==> flow/design.v <==
module u_muxn_blk #(
    parameter NBITS = 24,
    parameter NIN = 3,
    parameter SEL_W = $clog2(NIN)
) (
    input  CLK,
    input  rst_n,
    input  [NIN*NBITS-1:0] in,
    input  [SEL_W-1:0] idx,
    output reg [NBITS-1:0] y
);
    always @(posedge CLK or negedge rst_n) begin
        if (!rst_n) begin
            y <= 0;
        end else begin
            y <= in[idx*NBITS +: NBITS];
        end
    end
endmodule
Appendix: tool output

Step by step through the tools: u_muxn_blk
Module u_muxn_blk in several versions that differ in "NIN"; each step lists the members.
The file above is the member NIN = 3. Line numbers count from 1 in each member's own file.
Cell names lack the library's common part.
{ "setup": {"top": "u_muxn_blk", "clock": "CLK", "lib": "sky130hd", "pvt_corner": "tt_025C_1v80"} }

Members of the sweep
New or changed lines of each further member against the RTL above, in its own file; lines it lacks are not shown.
{ "src_changes": {"columns": ["NIN", "line_no", "source"], "rows": [
  [4, 3, "parameter NIN = 4,"],
  [6, 3, "parameter NIN = 6,"],
  [7, 3, "parameter NIN = 7,"],
  [8, 3, "parameter NIN = 8,"],
  [10, 3, "parameter NIN = 10,"]
]} }

Word level
Counts by Yosys on the flattened word-level netlist (proc, flatten, opt, wreduce; memories kept). Register bits leave out memories and registers merged into their read ports (data or address); mux counts leave out enables and synchronous resets folded into registers. Print and check cells are left out. Cells with the same type and inputs are merged into one.
{ "bits": {"columns": ["NIN", "output_inout_bits", "elab_cells", "reg_bits", "input_bits"], "rows": [
  [3, 24, 3, 24, 76],
  [4, 24, 3, 24, 100],
  [6, 24, 3, 24, 149],
  [7, 24, 3, 24, 173],
  [8, 24, 3, 24, 197],
  [10, 24, 3, 24, 246]
]} }
{ "op_classes": {"columns": ["NIN", "multipliers", "shift"], "rows": [
  [3, 1, 1],
  [4, 1, 1],
  [6, 1, 1],
  [7, 1, 1],
  [8, 1, 1],
  [10, 1, 1]
]} }
{ "op_table": {"columns": ["NIN", "op_list"], "rows": [
  [3, "1 x variable part select 72 x 8 -> 24 bit; 1 x multiplier 2 x 2 -> 4 bit with constant B"],
  [4, "1 x variable part select 96 x 8 -> 24 bit; 1 x multiplier 2 x 2 -> 4 bit with constant B"],
  [6, "1 x variable part select 144 x 9 -> 24 bit; 1 x multiplier 3 x 2 -> 5 bit with constant B"],
  [7, "1 x variable part select 168 x 9 -> 24 bit; 1 x multiplier 3 x 2 -> 5 bit with constant B"],
  [8, "1 x variable part select 192 x 9 -> 24 bit; 1 x multiplier 3 x 2 -> 5 bit with constant B"],
  [10, "1 x variable part select 240 x 10 -> 24 bit; 1 x multiplier 4 x 2 -> 6 bit with constant B"]
]} }

Depth
Longest topological path by Yosys (ltp), each cell counted once; first at word level (registers and memories cut), then after technology mapping (sequential cells cut; the memories' decode and read muxes count).
{ "logic_depth": {"columns": ["NIN", "depth_word", "ABC_AREA", "ltp_mapped", "ltp_nobuf"], "rows": [
  [3, 2, 0, 5, 2],
  [4, 2, 0, 3, 1],
  [6, 2, 0, 5, 3],
  [7, 2, 0, 6, 3],
  [8, 2, 0, 4, 2],
  [10, 2, 0, 6, 3]
]} }

Mapped cells and area
Source: synth_stat.txt of the flow (Yosys; design flattened, memories mapped). It holds for the ABC_AREA given above (unset counts as 0); a run with the other value may have another netlist.
{ "types": {"columns": ["NIN", "cell_types"], "rows": [
  [3, "24 x dfrtp_1; 20 x o2bb2ai_2; 24 x mux2i_1; 5 x buf_6; 2 x buf_12; 4 x o2bb2ai_1; 1 x nor2b_4; 2 x buf_2"],
  [4, "24 x dfrtp_1; 20 x mux4_2; 4 x mux4_1; 2 x buf_12; 1 x buf_6; 2 x buf_2; 1 x clkbuf_1"],
  [6, "24 x dfrtp_1; 48 x mux2i_1; 22 x mux2_4; 22 x o221ai_2; 24 x nand2_1; 6 x buf_4; 4 x buf_6; 5 x buf_2; 2 x mux2_2; 2 x o221ai_1; 2 x nand2b_1; 1 x clkbuf_1; 1 x nor2_1"],
  [7, "72 x mux2i_1; 24 x dfrtp_1; 24 x a22o_1; 24 x a31oi_1; 22 x or2_1; 5 x buf_12; 24 x nand2_1; 9 x buf_2; 3 x buf_6; 4 x clkbuf_1; 2 x nor2b_1; 2 x or2_2; 1 x nor2_1"],
  [8, "48 x mux4_2; 24 x dfrtp_1; 12 x mux2_4; 12 x mux2_2; 2 x buf_12; 6 x buf_2; 1 x buf_6; 3 x clkbuf_1; 1 x buf_1"],
  [10, "56 x mux2_2; 24 x dfrtp_1; 24 x mux4_2; 16 x mux2_1; 23 x o31ai_1; 24 x o22ai_1; 25 x nand2_1; 24 x nor2_1; 9 x buf_2; 3 x buf_8; 2 x buf_12; 3 x buf_6; 3 x buf_4; 5 x clkbuf_1; 1 x nor3b_2; 1 x o31ai_2; 2 x buf_1; 1 x nand2b_1"]
]} }
{ "mapped": {"columns": ["NIN", "n_buf", "ffs", "synth_area_mm2", "stdcells", "seq_area_mm2"], "rows": [
  [3, 9, 24, 0.0012962, 82, 0.0006006],
  [4, 6, 24, 0.0012212, 54, 0.0006006],
  [6, 16, 24, 0.0020069, 163, 0.0006006],
  [7, 21, 24, 0.002132, 216, 0.0006006],
  [8, 13, 24, 0.0020933, 109, 0.0006006],
  [10, 27, 24, 0.0027026, 246, 0.0006006]
]} }

Worst setup path after synthesis
OpenSTA on the mapped netlist: ideal clock, no wires. The path of least setup slack (recovery checks aside). Input and output delay are each 20% of the period. Register names are those of the netlist, which keeps one name where synthesis merged equal registers.
{ "synth_timing": {"columns": ["NIN", "path_kind", "start", "end", "path_stages", "clock_period_ps", "path_delay_ps", "slack_ps", "period_less_setup_slack_ps"], "rows": [
  [3, "input -> register", "input idx[1]", "register y[10]", 5, 1100, 703, 176, 924],
  [4, "input -> register", "input idx[0]", "register y[10]", 3, 1370, 874, 223, 1147],
  [6, "input -> register", "input idx[0]", "register y[2]", 5, 1320, 846, 210, 1110],
  [7, "input -> register", "input idx[2]", "register y[10]", 5, 1400, 897, 223, 1177],
  [8, "input -> register", "input idx[0]", "register y[14]", 3, 1850, 1181, 299, 1551],
  [10, "input -> register", "input idx[0]", "register y[0]", 6, 1650, 1055, 265, 1385]
]} }
"path_delay_ps" = arrival - input delay + setup time.
"path_stages" counts driving pins, that of a launching flip-flop among them; a cell with two outputs on the path counts twice.
"period_less_setup_slack_ps" = period - worst setup slack (recovery checks aside). The figure is calculated, with input and output delays left at 20% of the set period.
The rows between start and end are the longest chain of elaborated cells between them; the timing report does not say that the signal goes this way. Where chains are equally long, one stands for them.
Each line given opens the expression or statement behind the cell; cells for indexed reads and writes are added by Yosys, which also makes memories of some case tables.
{ "synth_between_NIN_3": {"elab_chain_cells": 2} }
{ "synth_rtl_NIN_3": {"columns": ["item", "line_no", "source"], "rows": [
  ["start, declared", 9, "input  [SEL_W-1:0] idx,"],
  ["multiplier 2 x 2 -> 4 bit", 16, "y <= in[idx*NBITS +: NBITS];"],
  ["variable part select 72 x 8 -> 24 bit", 16, null],
  ["end, assigned", 14, "y <= 0;"],
  ["end, assigned", 16, null],
  ["end, declared", 10, "output reg [NBITS-1:0] y"]
]} }
{ "synth_between_NIN_10": {"elab_chain_cells": 2} }
{ "synth_rtl_NIN_10": {"columns": ["item", "line_no", "source"], "rows": [
  ["start, declared", 9, "input  [SEL_W-1:0] idx,"],
  ["multiplier 4 x 2 -> 6 bit", 16, "y <= in[idx*NBITS +: NBITS];"],
  ["variable part select 240 x 10 -> 24 bit", 16, null],
  ["end, assigned", 14, "y <= 0;"],
  ["end, assigned", 16, null],
  ["end, declared", 10, "output reg [NBITS-1:0] y"]
]} }

Worst path after layout
Path of least setup slack in the final report of each member's run (OpenROAD, finished layout, wires in). Where an end is a register, its clock arrival counts in the times.
The report prints the path's times to 10 ps; the period is as set.
{ "layout_timing": {"columns": ["NIN", "path_kind", "start", "end", "path_buffers", "slack_ps", "path_stages", "clock_period_ps", "arrival_time_ps"], "rows": [
  [3, "register -> output", "register y[4]", "output y[4]", 1, 40, 2, 1100, 840],
  [4, "register -> output", "register y[1]", "output y[1]", 1, 100, 2, 1370, 1000],
  [6, "register -> output", "register y[21]", "output y[21]", 1, 130, 2, 1320, 930],
  [7, "input -> register", "input idx[1]", "register y[3]", 3, 100, 6, 1400, 1490],
  [8, "register -> output", "register y[6]", "output y[6]", 1, 250, 2, 1850, 1230],
  [10, "input -> register", "input idx[1]", "register y[1]", 2, 110, 5, 1650, 1690]
]} }

Flow runs
Settings and results of one run of the flow (Yosys, OpenROAD) for each member follow. The constraints put input and output delay at 20% of the set period each and load the outputs with 0.01 pF.
{ "settings": {"CAP_MARGIN": 20, "CORE_MARGIN": 2, "CORE_UTILIZATION": 40, "SLEW_MARGIN": 20} }
{ "settings_diff": {"columns": ["NIN", "period_ns"], "rows": [
  [3, 1.1],
  [4, 1.37],
  [6, 1.32],
  [7, 1.4],
  [8, 1.85],
  [10, 1.65]
]} }
{ "results": {"columns": ["NIN", "synthArea_mm2", "achieved_period_ps", "final_cell_area_mm2", "final_setup_ws_ps", "die_mm2"], "rows": [
  [3, 0.0012962, 1055, 0.0023022, 45, 0.0037119],
  [4, 0.0012212, 1272, 0.0025012, 98, 0.0035112],
  [6, 0.0020069, 1192, 0.0039288, 128, 0.0055995],
  [7, 0.002132, 1300, 0.0041778, 100, 0.0059298],
  [8, 0.0020933, 1599, 0.0044643, 251, 0.0058278],
  [10, 0.0027026, 1543, 0.0055491, 107, 0.0074296]
]} }
"achieved_period_ps" means the clock period less the worst setup slack. The figure is calculated, with input and output delays left at 20% of the set period.
